==> flow/design.v <==
module cmp_unit_blk #(
    parameter int W = 28
) (
    input logic core_clk,
    input logic clr,
    input logic [W-1:0] lhs_in,
    input logic [W-1:0] rhs_in,
    output logic a_lt_b_out,
    output logic is_eq_out,
    output logic gt_out
);
    always_ff @(posedge core_clk or posedge clr) begin
        if (clr) begin
            a_lt_b_out <= 1'b0;
            is_eq_out <= 1'b0;
            gt_out <= 1'b0;
        end else begin
            a_lt_b_out <= (lhs_in < rhs_in);
            is_eq_out <= (lhs_in == rhs_in);
            gt_out <= (lhs_in > rhs_in);
        end
    end
endmodule
### From RTL to reports: cmp_unit_blk

What the tools print for cmp_unit_blk, step after step.
Lines are those of the file above, counted from 1.
Operators: Yosys type, input widths -> output width; for muxes data width and select width s.
The mark n/a stands for no value.

| set-up | value |
|---|---|
| design top | cmp_unit_blk |
| clock input | core_clk |
| library | sky130hd |
| library corner | tt_025C_1v80 |

### After elaboration

Counts by Yosys on the flattened word-level netlist (proc, flatten, opt, wreduce; memories kept). Register bits leave out memories and registers merged into their read ports (data or address); mux counts leave out enables and synchronous resets folded into registers. Print and check cells are left out. Cells with the same type and inputs are merged into one.

| cells by class | value |
|---|---|
| equality and inequality tests | 1 |
| order comparisons | 2 |

Operators with widths:

| cell | count |
|---|---|
| $gt 28x28->1 | 1 |
| $lt 28x28->1 | 1 |
| $eq 28x28->1 | 1 |

| storage and ports | value |
|---|---|
| input port bits | 58 |
| cells after elaboration | 6 |
| register bits after elaboration | 3 |
| output and inout bits | 3 |

### Logic depth

Yosys ltp: most cells in a row. Word level: on the elaborated netlist, between registers, memories and ports. Mapped: between sequential cells and ports; inverters and the memories' decode and read muxes count.

| logic depth | value |
|---|---|
| word-level depth | 1 |
| ABC_AREA | 0 |
| depth in mapped cells | 7 |

### Mapped cells and area

Yosys stat after the flow's synthesis: flattened, memories mapped to cells. It holds for the ABC_AREA given above (unset counts as 0); a run with the other value may have another netlist.
Totals and module areas in this step are rounded.

| synthesis totals | value |
|---|---|
| flip-flops | 3 |
| cell count | 101 |
| mapped area | 794.5 sq um |
| sequential part of the area | 75.1 sq um |
| buffer cells | 0 |

Cells by type:

| cell | count | area in all (sq um) |
|---|---|---|
| sky130_fd_sc_hd__ha_1 | 28 | 350.336 |
| sky130_fd_sc_hd__inv_1 | 29 | 108.854 |
| sky130_fd_sc_hd__dfrtp_1 | 3 | 75.072 |
| sky130_fd_sc_hd__a21oi_1 | 9 | 45.043 |
| sky130_fd_sc_hd__nand4_1 | 4 | 25.024 |
| sky130_fd_sc_hd__nand3_1 | 4 | 20.019 |
| sky130_fd_sc_hd__and4_1 | 2 | 17.517 |
| sky130_fd_sc_hd__a21o_1 | 2 | 15.014 |
| sky130_fd_sc_hd__a221oi_2 | 1 | 15.014 |
| sky130_fd_sc_hd__nand2_1 | 4 | 15.014 |
| sky130_fd_sc_hd__and2_1 | 2 | 12.512 |
| sky130_fd_sc_hd__and4_4 | 1 | 11.261 |
| sky130_fd_sc_hd__a221o_1 | 1 | 10.01 |
| sky130_fd_sc_hd__a221oi_1 | 1 | 8.758 |
| sky130_fd_sc_hd__o41ai_1 | 1 | 8.758 |
| sky130_fd_sc_hd__a211oi_1 | 1 | 7.507 |
| sky130_fd_sc_hd__a21boi_0 | 1 | 7.507 |
| sky130_fd_sc_hd__o211ai_1 | 1 | 7.507 |

Other cell types: 6; their cells: 6.

### Path before layout

OpenSTA on the mapped netlist: ideal clock, no wires. The path of least setup slack (recovery checks aside). Input and output delay are each 20% of the period. Register names are those of the netlist, which keeps one name where synthesis merged equal registers.

| timing path post-synthesis | value |
|---|---|
| path type | in2reg |
| start point | input port rhs_in[21] |
| end point | register gt_out |
| arrival time | 1.644 ns |
| path buffers | 0 |
| path slack | 0.338 ns |
| clock period | 2.12 ns |
| required time | 1.982 ns |
| path delay | 1.358 ns |
| stages | 7 |
| launch time at the first pin | 0.424 ns |
| period reached after synthesis | 1.782 ns |

"path delay" = arrival - input delay + setup time.
"stages": output pins that drive a net of the path, with the launching flip-flop's if there is one; two outputs of one cell count as two.
"period reached after synthesis" = period - worst setup slack (recovery checks aside). The figure is calculated, with input and output delays left at 20% of the set period.
The rows between start and end are the longest chain of elaborated cells between them; the timing report does not say that the signal goes this way. Where chains are equally long, one stands for them.
Each line given opens the expression or statement behind the cell; cells for indexed reads and writes are added by Yosys, which also makes memories of some case tables.

| between the ends, post-synthesis | value |
|---|---|
| path through | sky130_fd_sc_hd__inv_1 sky130_fd_sc_hd__ha_1 sky130_fd_sc_hd__a21o_1 sky130_fd_sc_hd__a221o_1 sky130_fd_sc_hd__a221oi_2 sky130_fd_sc_hd__o21a_1 sky130_fd_sc_hd__a21oi_1 |
| length of the longest elaborated chain | 1 |

RTL lines, path post-synthesis:

| item | RTL line | source |
|---|---|---|
| start, declared | 7 | `input logic [W-1:0] rhs_in,` |
| $gt 28x28->1 | 20 | `gt_out <= (lhs_in > rhs_in);` |
| end, assigned | 16 | `gt_out <= 1'b0;` |
| end, assigned | 20 |  |
| end, declared | 10 | `output logic gt_out` |

### Path in the finished layout

From the final timing report of flow run 1: the path of least setup slack in the routed layout; clock arrival at registers is part of the times.

| timing path after layout | value |
|---|---|
| path type | in2reg |
| start point | input port lhs_in[21] |
| end point | register gt_out |
| arrival time | 2.28 ns |
| stages | 7 |
| clock period | 3.01 ns |
| path slack | 0.82 ns |
| path buffers | 1 |
| required time | 3.10 ns |
| launch time at the first pin | 0.60 ns |

The rows between start and end are the longest chain of elaborated cells between them; the timing report does not say that the signal goes this way. Where chains are equally long, one stands for them.

| between the ends, after layout | value |
|---|---|
| path through | sky130_fd_sc_hd__clkdlybuf4s50_1 sky130_fd_sc_hd__ha_4 sky130_fd_sc_hd__a21o_1 sky130_fd_sc_hd__a221o_1 sky130_fd_sc_hd__a221oi_2 sky130_fd_sc_hd__o21a_1 sky130_fd_sc_hd__a21oi_1 |
| length of the longest elaborated chain | 1 |

RTL lines, path after layout:

| item | RTL line | source |
|---|---|---|
| start, declared | 6 | `input logic [W-1:0] lhs_in,` |
| $gt 28x28->1 | 20 | `gt_out <= (lhs_in > rhs_in);` |
| end, assigned | 16 | `gt_out <= 1'b0;` |
| end, assigned | 20 |  |
| end, declared | 10 | `output logic gt_out` |

==> results <==
Stored flow runs of cmp_unit_blk (3 of them; Yosys, OpenROAD, sky130hd). They differ in their settings and are not a sequence. Constraints: input delay and output delay 20% of the set period each, output load 0.01 pF.
"reached clock period" means the clock period less the worst setup slack. The figure is calculated, with input and output delays left at 20% of the set period.
"allowed time less slack (worst setup path)" = time allowed to the worst setup path (clock period - input delay - output delay, where it has them) - its slack; a late launch clock adds to it, a late capture clock takes from it.
By "overall power" is meant OpenSTA's value without simulated activity: inputs other than the clock are taken to toggle once in ten clock periods, and the tool carries that through the logic.
The measured numbers are rounded.
Settings: -- = not set for that run.
Results: -- = not shown.

| run name | period_ns | CORE_UTILIZATION | SETUP_SLACK_MARGIN | PLACE_DENSITY_LB_ADDON | CORE_MARGIN | CELL_PAD_IN_SITES_GLOBAL_PLACEMENT | ABC_AREA | CTS_CLUSTER_SIZE | CAP_MARGIN | MIN_ROUTING_LAYER | SLEW_MARGIN | CORE_ASPECT_RATIO | CELL_PAD_IN_SITES_DETAIL_PLACEMENT | GPL_ROUTABILITY_DRIVEN | MAX_ROUTING_LAYER | worst slack on setup checks (ns) | post-route setup TNS (ns) | overall power (µW) | standard-cell area after routing (sq um) | area of the synthesized netlist (sq um) | allowed time less slack (worst setup path) (ns) | worst setup path kind | overall die area (sq um) | reached clock period (ns) |
|---|---|---|---|---|---|---|---|---|---|---|---|---|---|---|---|---|---|---|---|---|---|---|---|---|
| flow run 1 | 3.01 | 16 | 0.73 | 0.15 | 8 | 2 | 0 | 83 | 35 | met1 | 20 | -- | -- | -- | -- | 0.815 | 0.000 | 334.4 | 1574 | 794.5 | 1.59 | in2reg | 7476 | 2.195 |
| flow run 2 | 1.31 | 70 | 0.04 | -- | 2 | -- | -- | -- | 30 | -- | 10 | 0.93 | 0 | 0 | met5 | -- | -- | -- | -- | -- | -- | -- | -- | -- |
| flow run 3 | 2.12 | 40 | -- | -- | 2 | -- | -- | -- | 20 | -- | 20 | -- | -- | -- | -- | 0.106 | 0.000 | 413.3 | 1493 | 794.5 | 1.59 | in2reg | 2359 | 2.014 |

Flow run 2: did not finish, placement stopped with GPL-0301
